==> flow/design.v <==
module core_switch #(
    parameter int WD = 2
) (
    input  logic ck,
    input  logic valid,
    input  logic [WD-1:0] in_ch0,
    input  logic [WD-1:0] in_ch1,
    input  logic [WD-1:0] in_ch2,
    input  logic [WD-1:0] in_ch3,
    input  logic [WD-1:0] in_ch4,
    input  logic [WD-1:0] in_ch5,
    input  logic [2:0] in_select,
    output logic [WD-1:0] out_dout
);
    logic [WD-1:0] ch0_s;
    logic [WD-1:0] ch1_s;
    logic [WD-1:0] ch2_s;
    logic [WD-1:0] ch3_s;
    logic [WD-1:0] ch4_s;
    logic [WD-1:0] ch5_s;
    logic [2:0] select_s;
    always_ff @(posedge ck) begin
        if (valid) begin
            ch0_s <= in_ch0;
            ch1_s <= in_ch1;
            ch2_s <= in_ch2;
            ch3_s <= in_ch3;
            ch4_s <= in_ch4;
            ch5_s <= in_ch5;
            select_s <= in_select;
        end
    end
    logic [WD-1:0] r;
    always_comb begin
        case (select_s)
            3'd0: r = ch0_s;
            3'd1: r = ch1_s;
            3'd2: r = ch2_s;
            3'd3: r = ch3_s;
            3'd4: r = ch4_s;
            default: r = ch5_s;
        endcase
    end
    always_ff @(posedge ck) begin
        if (valid) begin
            out_dout <= r;
        end
    end
endmodule
# Step by step through the tools: core_switch
# The steps from the RTL of core_switch to its reports follow in flow order.
# Lines are those of the file above, counted from 1.
# Not given: --
# inputs
design,core_switch
clock,ck
library,sky130hd
pvt_corner,tt_025C_1v80

# After elaboration
# Yosys after proc, flatten, opt, wreduce and memory -nomap, before mapping. Enables and synchronous resets that opt folds into registers are not counted as muxes. Memory bits, and registers merged into a memory's read port (data or address), are not among the register bits. Print and check cells are not counted. Equal cells are merged and count once.
# classes
addsub,0
n_mul,0
div,0
n_cmp,0
equal,4
n_shift,0
n_mux,1
bitwise,0
reduce_logical,1
# op_table
operator,n
2-bit case mux with 5-bit select,1
3-bit by 2-bit == test with 1-bit output with constant B,2
3-bit by 1-bit == test with 1-bit output with constant B,1
3-bit == test with constant B,1
3-bit zero test,1
# word_totals
ff_bits,17
latchBits,0
ramBits,0
rom_bits,0
clocked_rd_ports_x_width,0
n_memories,0
in_bits,17
output_inout_bits,2

# Depth
# Yosys ltp: most cells in a row. Word level: on the elaborated netlist, between registers, memories and ports. Mapped: between sequential cells and ports; inverters and the memories' decode and read muxes count.
# depth
word_depth,2
abc_area,0
ltp_mapped,4
ltp_nobuf,3

# Synthesis result
# Source: synth_stat.txt of the flow (Yosys; design flattened, memories mapped). It holds for the ABC_AREA given above (unset counts as 0); a run with the other value may have another netlist.
# by_type
cell_type,n
sky130_fd_sc_hd__edfxtp_1,17
sky130_fd_sc_hd__mux2i_1,4
sky130_fd_sc_hd__nor2_8,1
sky130_fd_sc_hd__a221oi_1,2
sky130_fd_sc_hd__and2b_2,2
sky130_fd_sc_hd__a211oi_1,2
sky130_fd_sc_hd__buf_6,1
sky130_fd_sc_hd__nand2b_1,1
sky130_fd_sc_hd__nor2_1,1
# synth_totals
stdcells,31
synth_area_um2,641.9
seq_area_um2,510.5
ff_cells,17
buf_cells,1

# Path before layout
# Path of least setup slack by OpenSTA after synthesis, without wires, with an ideal clock, recovery checks aside; 20% of the period is set as input and as output delay. Where synthesis merged equal registers, the netlist keeps one of their names.
# synth_path
path_kind,register to register
start,reg select_s[0]
end,reg out_dout[0]
clock_period_ns,1.43
setup_time_ns,0.267
t_arrival_ns,0.876
path_slack_ns,0.287
path_delay_ns,1.143
path_stages,5
period_less_setup_slack_ns,1.143
# "path_delay_ns" = arrival - input delay + setup time.
# "path_stages": output pins that drive a net of the path, with the launching flip-flop's if there is one; two outputs of one cell count as two.
# "period_less_setup_slack_ns" is the clock period less the worst setup slack; recovery checks do not enter. This is arithmetic on one report: input and output delays are still those of the set period (20% each).
# Between the ends stands the longest chain of elaborated cells between them, by number of cells; it is not shown to be the way that was timed. Of several equally long chains one is given.
# Each line given opens the expression or statement behind the cell; cells for indexed reads and writes are added by Yosys, which also makes memories of some case tables.
# synth_between
cell_sequence,sky130_fd_sc_hd__edfxtp_1 -> sky130_fd_sc_hd__buf_6 -> sky130_fd_sc_hd__and2b_2 -> sky130_fd_sc_hd__a211oi_1 -> sky130_fd_sc_hd__a221oi_1
elab_chain_len,2
cells_between,6
lines_between,1
classes_between,4 x eq/ne; 1 x mux; 1 x reduce/logical
# synth_lines
item,line,source
"start, declared",21,logic [2:0] select_s;
"start, assigned",30,select_s <= in_select;
3-bit == test,35,case (select_s)
2-bit case mux with 5-bit select,35,
"end, assigned",46,out_dout <= r;
"end, declared",13,output logic [WD-1:0] out_dout

# Path in the finished layout
# Path of least setup slack in the final report of flow run 1 (OpenROAD, finished layout, wires in). Where an end is a register, its clock arrival counts in the times.
# layout_path
path_kind,register to register
start,reg select_s[2]
end,reg out_dout[1]
clock_period_ns,1.43
setup_time_ns,0.25
t_arrival_ns,1.28
path_slack_ns,0.17
path_stages,4
# Between the ends stands the longest chain of elaborated cells between them, by number of cells; it is not shown to be the way that was timed. Of several equally long chains one is given.
# layout_between
cell_sequence,sky130_fd_sc_hd__edfxtp_1 -> sky130_fd_sc_hd__nand2b_1 -> sky130_fd_sc_hd__a211oi_1 -> sky130_fd_sc_hd__a221oi_1
elab_chain_len,2
cells_between,6
lines_between,1
classes_between,4 x eq/ne; 1 x mux; 1 x reduce/logical
# layout_lines
item,line,source
"start, declared",21,logic [2:0] select_s;
"start, assigned",30,select_s <= in_select;
3-bit == test,35,case (select_s)
2-bit case mux with 5-bit select,35,
"end, assigned",46,out_dout <= r;
"end, declared",13,output logic [WD-1:0] out_dout

# Design core_switch on sky130hd. What follows are 3 stored runs of the flow, each under its own settings; their order means nothing. The constraints put input and output delay at 20% of the set period each and load the outputs with 0.01 pF.
# "period_less_ws_ns" = clock period - worst setup slack. The figure is calculated, with input and output delays left at 20% of the set period.
# By "worst_setup_path_time_ns" is meant the share of the clock period that the worst setup path is allowed (20% is reserved at inputs, 20% at outputs), minus its slack. Clock arrival times at its registers enter into it.
# "final_power_uw" is the tool's figure for a default switching activity; nothing was simulated.
# A setting shown as . is not set for that run.
# A result given as . is not shown for that run.
setting or result,flow run 1,flow run 2,flow run 3
period_ns,1.43,1.97,1.22
CAP_MARGIN,20,10,20
CORE_MARGIN,2,2,10
CORE_UTILIZATION,40,27,42
SLEW_MARGIN,20,20,20
SETUP_SLACK_MARGIN,.,-0.06,0.2
GPL_ROUTABILITY_DRIVEN,.,0,.
CTS_CLUSTER_SIZE,.,99,52
CTS_CLUSTER_DIAMETER,.,94,.
MIN_ROUTING_LAYER,.,met1,met2
PLACE_DENSITY_LB_ADDON,.,.,0.09
CORE_ASPECT_RATIO,.,.,0.74
CELL_PAD_IN_SITES_GLOBAL_PLACEMENT,.,.,3
ABC_AREA,.,.,1
MAX_ROUTING_LAYER,.,.,met5
timing.setup.tns_ns,0.000,0.000,.
period_less_ws_ns,1.258,1.525,.
final_die_area_um2,1941.3,2783.1,.
hold_worst_slack_ns,0.550,0.645,.
final_power_uw,973.6,697.2,.
worst_setup_path_time_ns,1.26,1.13,.
timing.worst_path_kind,register to register,register to output,.
synthesis_area_um2,641.9,641.9,.
final_stdcell_area_um2,878.3,879.6,.
finish.utilization_pct,58.3,39.4,.
ws_setup_ns,0.172,0.445,.
# Flow run 3: stopped before the end: placement reported FLW-0024
